==> flow/design.v <==
module as_core_n #(
    parameter WIDTH = 8
) (
    input  wire clk,
    input  wire [WIDTH-1:0] i_op_a,
    input  wire [WIDTH-1:0] i_op_b,
    output wire [WIDTH-1:0] o_res
);
    reg [WIDTH-1:0] op_a_r;
    reg [WIDTH-1:0] op_b_r;
    always @(posedge clk) begin
        op_a_r <= i_op_a;
        op_b_r <= i_op_b;
    end
    assign o_res = (op_a_r > op_b_r) ? op_a_r - op_b_r : op_b_r - op_a_r;
endmodule
Appendix: tool output

## Reports on as_core_n

Tool output for the members of one design family, told apart by "WIDTH", in the order of the flow.
The RTL above is that of WIDTH = 8; lines are counted from 1 in the file of the member named.
Library cell names are shortened.
A cell with - has no value.

| set-up | value |
|---|---|
| top | as_core_n |
| clock port | clk |
| cell library | sky130hd |
| timing corner | tt_025C_1v80 |

## Source of the members

New or changed lines of each further member against the RTL above, in its own file; lines it lacks are not shown.

New or changed lines:

| WIDTH | line | source |
|---|---|---|
| 18 | 2 | `parameter WIDTH = 18` |
| 32 | 2 | `parameter WIDTH = 32` |
| 80 | 2 | `parameter WIDTH = 80` |

## Word level

Source: Yosys, flattened and elaborated, memories not mapped. Widths are those after wreduce; folded enables and synchronous resets count as part of the registers. Registers that Yosys merges into a memory's read port (data or address) are not register bits. Print and check cells do not count. Equal cells are merged and count once.

Operators by class:

| WIDTH | add/subtract/negate cells | magnitude comparators | multiplexer cells |
|---|---|---|---|
| 8 | 2 | 1 | 1 |
| 18 | 2 | 1 | 1 |
| 32 | 2 | 1 | 1 |
| 80 | 2 | 1 | 1 |

Operator list:

| WIDTH | kinds with counts |
|---|---|
| 8 | subtractor 8 bit: 2; > comparator 8 bit: 1; 2-to-1 mux 8 bit: 1 |
| 18 | subtractor 18 bit: 2; > comparator 18 bit: 1; 2-to-1 mux 18 bit: 1 |
| 32 | subtractor 32 bit: 2; > comparator 32 bit: 1; 2-to-1 mux 32 bit: 1 |
| 80 | subtractor 80 bit: 2; > comparator 80 bit: 1; 2-to-1 mux 80 bit: 1 |

Word-level totals:

| WIDTH | register bits after elaboration | input bits | word-level cells |
|---|---|---|---|
| 8 | 16 | 17 | 6 |
| 18 | 36 | 37 | 6 |
| 32 | 64 | 65 | 6 |
| 80 | 160 | 161 | 6 |

## Depth

Longest topological path by Yosys (ltp), each cell counted once; first at word level (registers and memories cut), then after technology mapping (sequential cells cut; the memories' decode and read muxes count).

Logic depth:

| WIDTH | word-level depth | ABC_AREA | mapped depth | mapped depth without buffers |
|---|---|---|---|---|
| 8 | 2 | 0 | 9 | 8 |
| 18 | 2 | 0 | 11 | 10 |
| 32 | 2 | 0 | 14 | 12 |
| 80 | 2 | 0 | 15 | 13 |

## Synthesis result

Yosys stat after the flow's synthesis: flattened, memories mapped to cells. It holds for the ABC_AREA given above (unset counts as 0); a run with the other value may have another netlist.
Totals and module areas in this step are rounded.

Mapped netlist:

| WIDTH | mapped cells | synthesis area (µm²) | mapped flip-flops |
|---|---|---|---|
| 8 | 102 | 993 | 16 |
| 18 | 296 | 2,620 | 36 |
| 32 | 601 | 4,920 | 64 |
| 80 | 1,885 | 14,000 | 160 |

Cell types:

| WIDTH | type and count |
|---|---|
| 8 | dfxtp_1: 16; ha_1: 15; mux2i_1: 7; inv_1: 16; fa_1: 2; xor2_1: 4; o21ai_0: 6; a31oi_1: 4; buf_6: 2; a21oi_1: 4; a21o_2: 2; a311oi_1: 2; xnor2_1: 2; a211oi_1: 2; a21o_1: 2; a211oi_2: 1; nand2_1: 3; nor2_1: 3; (+9) |
| 18 | dfxtp_1: 36; ha_1: 35; inv_1: 45; a21oi_1: 32; a21o_1: 18; mux2i_1: 8; xnor2_1: 9; xor2_1: 7; nand2_1: 16; fa_1: 2; buf_4: 5; o21ai_0: 7; buf_6: 3; nor2_1: 9; nand4_1: 5; o211ai_1: 4; a221oi_4: 1; o21ai_2: 3; (+51) |
| 32 | dfxtp_1: 64; ha_1: 63; a21oi_1: 71; inv_1: 75; o21ai_0: 34; a21o_1: 22; nand2_1: 40; mux2i_1: 14; xnor2_1: 16; xor2_1: 13; o21a_1: 14; nor2_1: 25; buf_2: 18; nand4_1: 11; nor2b_1: 10; nor3_1: 10; a31oi_1: 7; nand2b_1: 7; (+87) |
| 80 | dfxtp_1: 160; ha_1: 159; a21oi_1: 291; o21ai_0: 169; inv_1: 184; nor2_1: 145; nand2_1: 144; xnor2_1: 43; nand4_1: 55; mux2i_1: 32; xor2_1: 35; o21bai_1: 39; a21o_1: 37; buf_2: 49; o21a_1: 28; o211ai_1: 20; a211oi_1: 19; buf_4: 19; (+257) |

The mark (+n) counts cells that are not listed.

## Worst setup path after synthesis

OpenSTA on the mapped netlist: ideal clock, no wires. The path of least setup slack (recovery checks aside). Input and output delay are each 20% of the period. Register names are those of the netlist, which keeps one name where synthesis merged equal registers.

Timing path post-synthesis:

| WIDTH | path kind | start | end | clock period (ns) | slack (ns) | stages on the path | path delay (ns) | synthesis period reached (ns) |
|---|---|---|---|---|---|---|---|---|
| 8 | flip-flop to output port | register op_a_r[0] | output port o_res[2] | 3.05 | 0.491 | 10 | 1.949 | 2.559 |
| 18 | flip-flop to output port | register op_a_r[0] | output port o_res[12] | 3.78 | 0.605 | 11 | 2.419 | 3.175 |
| 32 | flip-flop to output port | register op_a_r[0] | output port o_res[30] | 4.48 | 0.719 | 14 | 2.865 | 3.761 |
| 80 | flip-flop to output port | register op_a_r[0] | output port o_res[46] | 4.58 | 0.731 | 15 | 2.933 | 3.849 |

"path delay" is the arrival time less input delay plus setup time.
At an output port there is no setup time.
"stages on the path" counts driving pins, that of a launching flip-flop among them; a cell with two outputs on the path counts twice.
"synthesis period reached" is the clock period less the worst setup slack; recovery checks do not enter. This is arithmetic on one report: input and output delays are still those of the set period (20% each).
The rows between start and end are the longest chain of elaborated cells between them; the timing report does not say that the signal goes this way. Where chains are equally long, one stands for them.
A line is the first line of the expression or statement that the cell stems from. Yosys adds cells for indexed reads and writes and turns some case tables into memories.

| on the way, post-synthesis, WIDTH = 8 | value |
|---|---|
| length of the longest elaborated chain | 2 |

Ends and longest elaborated chain, post-synthesis, WIDTH = 8:

| what | line | source |
|---|---|---|
| start: declaration | 9 | `reg [WIDTH-1:0] op_a_r;` |
| start: assignment | 12 | `op_a_r <= i_op_a;` |
| subtractor 8 bit | 15 | `assign o_res = (op_a_r > op_b_r) ? op_a_r - op_b_r : op_b_r - op_a_r;` |
| 2-to-1 mux 8 bit | 15 |  |
| end: declaration | 7 | `output wire [WIDTH-1:0] o_res` |

| on the way, post-synthesis, WIDTH = 80 | value |
|---|---|
| length of the longest elaborated chain | 2 |

Ends and longest elaborated chain, post-synthesis, WIDTH = 80:

| what | line | source |
|---|---|---|
| start: declaration | 9 | `reg [WIDTH-1:0] op_a_r;` |
| start: assignment | 12 | `op_a_r <= i_op_a;` |
| subtractor 80 bit | 15 | `assign o_res = (op_a_r > op_b_r) ? op_a_r - op_b_r : op_b_r - op_a_r;` |
| 2-to-1 mux 80 bit | 15 |  |
| end: declaration | 7 | `output wire [WIDTH-1:0] o_res` |

## Worst path after layout

Path of least setup slack in the final report of the run of each member (OpenROAD, finished layout, wires in). Where an end is a register, its clock arrival counts in the times.

Timing path after layout:

| WIDTH | path kind | start | end | clock period (ns) | slack (ns) | stages on the path | arrival time (ns) |
|---|---|---|---|---|---|---|---|
| 8 | flip-flop to output port | register op_a_r[0] | output port o_res[2] | 3.05 | -0.06 | 11 | 2.50 |
| 18 | flip-flop to output port | register op_a_r[0] | output port o_res[10] | 3.78 | 0.02 | 14 | 3.01 |
| 32 | flip-flop to output port | register op_a_r[0] | output port o_res[10] | 4.48 | 0.14 | 16 | 3.44 |
| 80 | flip-flop to output port | register op_a_r[35] | output port o_res[22] | 4.58 | -0.35 | 16 | 4.01 |

## Layout results

One run of the flow (Yosys, OpenROAD) for each member, with settings and measured results. Input and output delays are each 20% of the period that was set; the output load is 0.01 pF.

| flow settings | value |
|---|---|
| CAP_MARGIN | 20 |
| CORE_MARGIN | 2 |
| CORE_UTILIZATION | 40 |
| SLEW_MARGIN | 20 |

Settings by member:

| WIDTH | period_ns |
|---|---|
| 8 | 3.05 |
| 18 | 3.78 |
| 32 | 4.48 |
| 80 | 4.58 |

Measured results:

| WIDTH | Yosys chip area after synthesis (µm²) | die outline area (µm²) | standard-cell area after routing (µm²) | worst setup slack after layout (ns) | setup total negative slack (ns) | lowest hold slack (ns) | overall power (uW) | period achieved (ns) |
|---|---|---|---|---|---|---|---|---|
| 8 | 993 | 2,900 | 1,380 | -0.058 | -0.080 | 0.750 | 598 | 3.108 |
| 18 | 2,620 | 7,220 | 3,450 | 0.016 | 0.000 | 0.909 | 1,210 | 3.764 |
| 32 | 4,920 | 13,200 | 6,820 | 0.142 | 0.000 | 0.980 | 2,230 | 4.338 |
| 80 | 14,000 | 36,500 | 24,400 | -0.348 | -15.6 | 0.876 | 6,620 | 4.928 |

By "period achieved" is meant the clock period of the run minus its worst setup slack. This is arithmetic on one report: input and output delays are still those of the set period (20% each).
"overall power": no workload was simulated; the value follows from the tool's default switching activity.
The measured numbers are rounded.
